==> flow/design.v <==
module muxn_top #(
   parameter integer DATA_WIDTH = 16,
   parameter integer N = 16,
   parameter integer SBITS = $clog2(N)
) (
   input  ck,
   input  resetn,
   input  [N*DATA_WIDTH-1:0] bus_in,
   input  [SBITS-1:0] s_in,
   output [DATA_WIDTH-1:0] dout_out
);
   reg [N*DATA_WIDTH-1:0] bus_s;
   reg [SBITS-1:0] s_s;
   always @(posedge ck) begin
      if (~resetn) begin
         bus_s <= 0;
         s_s <= 0;
      end else begin
         bus_s <= bus_in;
         s_s <= s_in;
      end
   end
   wire [N-1:0] oh = {{(N-1){1'b0}}, 1'b1} << s_s;
   reg [DATA_WIDTH-1:0] nxt;
   integer k;
   always @(*) begin
      nxt = 0;
      for (k = 0; k < N; k = k + 1)
         nxt = nxt | (bus_s[k*DATA_WIDTH +: DATA_WIDTH] & {DATA_WIDTH{oh[k]}});
   end
   assign dout_out = nxt;
endmodule
; ---- Tool chain data of muxn_top
; Tool output for the design above, in the order of the flow.
; Line numbers count from 1 in the design file above.
; Library cell names are shortened.
; A cell with - has no value.
[setup]
top_module = muxn_top
clk_port = ck
lib = sky130hd
lib_corner = tt_025C_1v80

; ---- Word-level counts
; Yosys after proc, flatten, opt, wreduce and memory -nomap, before mapping. Enables and synchronous resets that opt folds into registers are not counted as muxes. Memory bits, and registers merged into a memory's read port (data or address), are not among the register bits. Print and check cells are not counted. Equal cells are merged and count once.
[bits]
out_inout_bits = 16
ff_bits = 260
word_cells = 34
[op_classes]
bitwise = 31
n_shift = 1
[ops]
columns = cell, count
row1 = bitwise AND 16 bit, 16
row2 = bitwise OR 16 bit, 15
row3 = left shift 1 x 4 -> 16 bit (first input constant), 1

; ---- Depth
; Longest topological path by Yosys (ltp), each cell counted once; first at word level (registers and memories cut), then after technology mapping (sequential cells cut; the memories' decode and read muxes count).
[logic_depth]
word_depth = 17
abc_area = 0
ltp_mapped = 7

; ---- Mapped cells and area
; The flow's flattened synthesis, as Yosys stat reports it; memories are mapped. The netlist is that of the ABC_AREA named above (0 if unset); the other value can give another one.
; Totals and module areas in this step are rounded.
[types]
columns = cell, count, area_total_um2
row1 = dfxtp_1, 260, 5.2E+03
row2 = and2_1, 260, 1626.56
row3 = a22oi_1, 80, 600.576
row4 = mux2_2, 32, 360.346
row5 = clkbuf_1, 48, 180.173
row6 = o21ai_0, 28, 140.134
row7 = nor3b_1, 17, 127.622
row8 = nand2_1, 31, 116.362
row9 = o22ai_1, 16, 100.096
row10 = and3_1, 15, 93.84
row11 = nand4_1, 14, 87.584
row12 = or3_1, 14, 87.584
row13 = buf_6, 7, 78.826
row14 = buf_2, 11, 55.053
row15 = nor4b_4, 1, 23.773
row16 = nor2b_1, 3, 18.768
row17 = or4_1, 2, 15.014
row18 = nor2b_4, 1, 13.763
; Other cell types: 16; their cells: 19.
[synth_totals]
ff_cells = 260
seqArea_um2 = 5200
yosys_area_um2 = 9060
cell_count = 859

; ---- Worst setup path after synthesis
; Source: OpenSTA report_checks on the synthesized netlist (no wires, ideal clock, input and output delay 20% of the period each), path of least setup slack; recovery checks are left aside. Register names are those of the netlist, which keeps one name where synthesis merged equal registers.
[synth_timing]
path_type = register to output
start = register s_s[1]
end = output port dout_out[14]
required_time_ns = 2.048
clock_period_ns = 2.56
setup_slack_ns = 0.409
path_delay_ns = 1.639
arrival_time_ns = 1.639
n_path_buf = 3
stages = 8
launch_ns = 0.000
period_less_setup_slack_ns = 2.151
; "path_delay_ns" = arrival - input delay + setup time.
; A path that ends at an output port has no setup time.
; "stages": output pins that drive a net of the path, with the launching flip-flop's if there is one; two outputs of one cell count as two.
; "period_less_setup_slack_ns" = period - worst setup slack (recovery checks aside). The figure is calculated, with input and output delays left at 20% of the set period.
; Between the ends stands the longest chain of elaborated cells between them, by number of cells; it is not shown to be the way that was timed. Of several equally long chains one is given.
; A line is the first line of the expression or statement that the cell stems from. Yosys adds cells for indexed reads and writes and turns some case tables into memories.
[synth_via]
path_cell_list = dfxtp_1 -> buf_6 -> nor2b_4 -> buf_6 -> buf_6 -> a22oi_2 -> o32ai_1 -> or4_1
elab_chain_cells = 17
cone_cells = 32
lines_between = 2
[synth_rtl]
columns = element, line
row1 = from (decl), 13  ; reg [SBITS-1:0] s_s;
row2 = from (assign), 17  ; s_s <= 0;
row3 = from (assign), 20  ; s_s <= s_in;
row4 = left shift 1 x 4 -> 16 bit, 23  ; wire [N-1:0] oh = {{(N-1){1'b0}}, 1'b1} << s_s;
row5 = bitwise AND 16 bit, 29  ; nxt = nxt | (bus_s[k*DATA_WIDTH +: DATA_WIDTH] & {DATA_WIDTH{oh[k]}});
row6 = bitwise OR 16 bit x15, 29
row7 = to (decl), 10  ; output [DATA_WIDTH-1:0] dout_out

; ---- Timing after layout
; Path of least setup slack in the final report of job 1 (OpenROAD, finished layout, wires in). Where an end is a register, its clock arrival counts in the times.
[layout_timing]
path_type = register to output
start = register s_s[3]
end = output port dout_out[4]
n_path_buf = 3
arrival_time_ns = 2.61
setup_slack_ns = 0.16
launch_ns = 0.52
clock_period_ns = 3.47
stages = 8
required_time_ns = 2.78
; Between the ends stands the longest chain of elaborated cells between them, by number of cells; it is not shown to be the way that was timed. Of several equally long chains one is given.
[layout_via]
path_cell_list = dfxtp_4 -> buf_12 -> buf_6 -> mux2_4 -> a22oi_2 -> nand4_1 -> or3_1 -> buf_2
elab_chain_cells = 17
cone_cells = 32
lines_between = 2
[layout_rtl]
columns = element, line
row1 = from (decl), 13  ; reg [SBITS-1:0] s_s;
row2 = from (assign), 17  ; s_s <= 0;
row3 = from (assign), 20  ; s_s <= s_in;
row4 = left shift 1 x 4 -> 16 bit, 23  ; wire [N-1:0] oh = {{(N-1){1'b0}}, 1'b1} << s_s;
row5 = bitwise AND 16 bit, 29  ; nxt = nxt | (bus_s[k*DATA_WIDTH +: DATA_WIDTH] & {DATA_WIDTH{oh[k]}});
row6 = bitwise OR 16 bit x15, 29
row7 = to (decl), 10  ; output [DATA_WIDTH-1:0] dout_out

; Stored flow runs of muxn_top (3 of them; Yosys, OpenROAD, sky130hd). They differ in their settings and are not a sequence. Constraints: input delay and output delay 20% of the set period each, output load 0.01 pF.
; "achievedPeriod_ns" is the run's clock period less its worst setup slack. It is reckoned from that one timing run; input and output delays stay at 20% of the period that was set.
; "worstPathTime_ns" = time allowed to the worst setup path (clock period - input delay - output delay, where it has them) - its slack; a late launch clock adds to it, a late capture clock takes from it.
; "power.total_uw" rests on the timing tool's default activity at the inputs, not on a simulated workload.
; The results are shown rounded.

[job 1: settings]
period_ns = 3.47
CORE_UTILIZATION = 31
SETUP_SLACK_MARGIN = 0.71
PLACE_DENSITY_LB_ADDON = 0.12
ABC_AREA = 0
GPL_TIMING_DRIVEN = 1
CTS_CLUSTER_SIZE = 97
MAX_ROUTING_LAYER = met5
CAP_MARGIN = 20
CORE_MARGIN = 2
SLEW_MARGIN = 20
[job 1: results]
final_hold_ws_ns = 0.730
worstPathTime_ns = 2.61
worst_path_kind = register to output
fin_tns_ns = 0.000
finish.stdcell_area_um2 = 13700
achievedPeriod_ns = 3.305
power.total_uw = 6930
yosys_chip_area_um2 = 9060
dieArea_um2 = 30600
setup_worst_slack_ns = 0.165
final_util_pct = 47.5

[job 2: settings]
period_ns = 1.83
CORE_UTILIZATION = 16
SETUP_SLACK_MARGIN = -0.17
PLACE_DENSITY_LB_ADDON = 0.04
HOLD_SLACK_MARGIN = 0.02
GPL_ROUTABILITY_DRIVEN = 0
CTS_CLUSTER_SIZE = 87
SLEW_MARGIN = 40
MIN_ROUTING_LAYER = met1
CAP_MARGIN = 20
CORE_MARGIN = 2
[job 2: results]
final_hold_ws_ns = 0.255
worstPathTime_ns = 2.61
worst_path_kind = register to output
fin_tns_ns = -16.9
finish.stdcell_area_um2 = 14800
achievedPeriod_ns = 2.974
power.total_uw = 14400
yosys_chip_area_um2 = 9060
dieArea_um2 = 58600
setup_worst_slack_ns = -1.14
final_util_pct = 26.3

[job 3: settings]
period_ns = 2.56
CAP_MARGIN = 20
CORE_MARGIN = 2
CORE_UTILIZATION = 40
SLEW_MARGIN = 20
[job 3: results]
final_hold_ws_ns = 0.465
worstPathTime_ns = 2.46
worst_path_kind = register to output
fin_tns_ns = -5.99
finish.stdcell_area_um2 = 13700
achievedPeriod_ns = 2.968
power.total_uw = 9530
yosys_chip_area_um2 = 9060
dieArea_um2 = 23900
setup_worst_slack_ns = -0.408
final_util_pct = 61.1
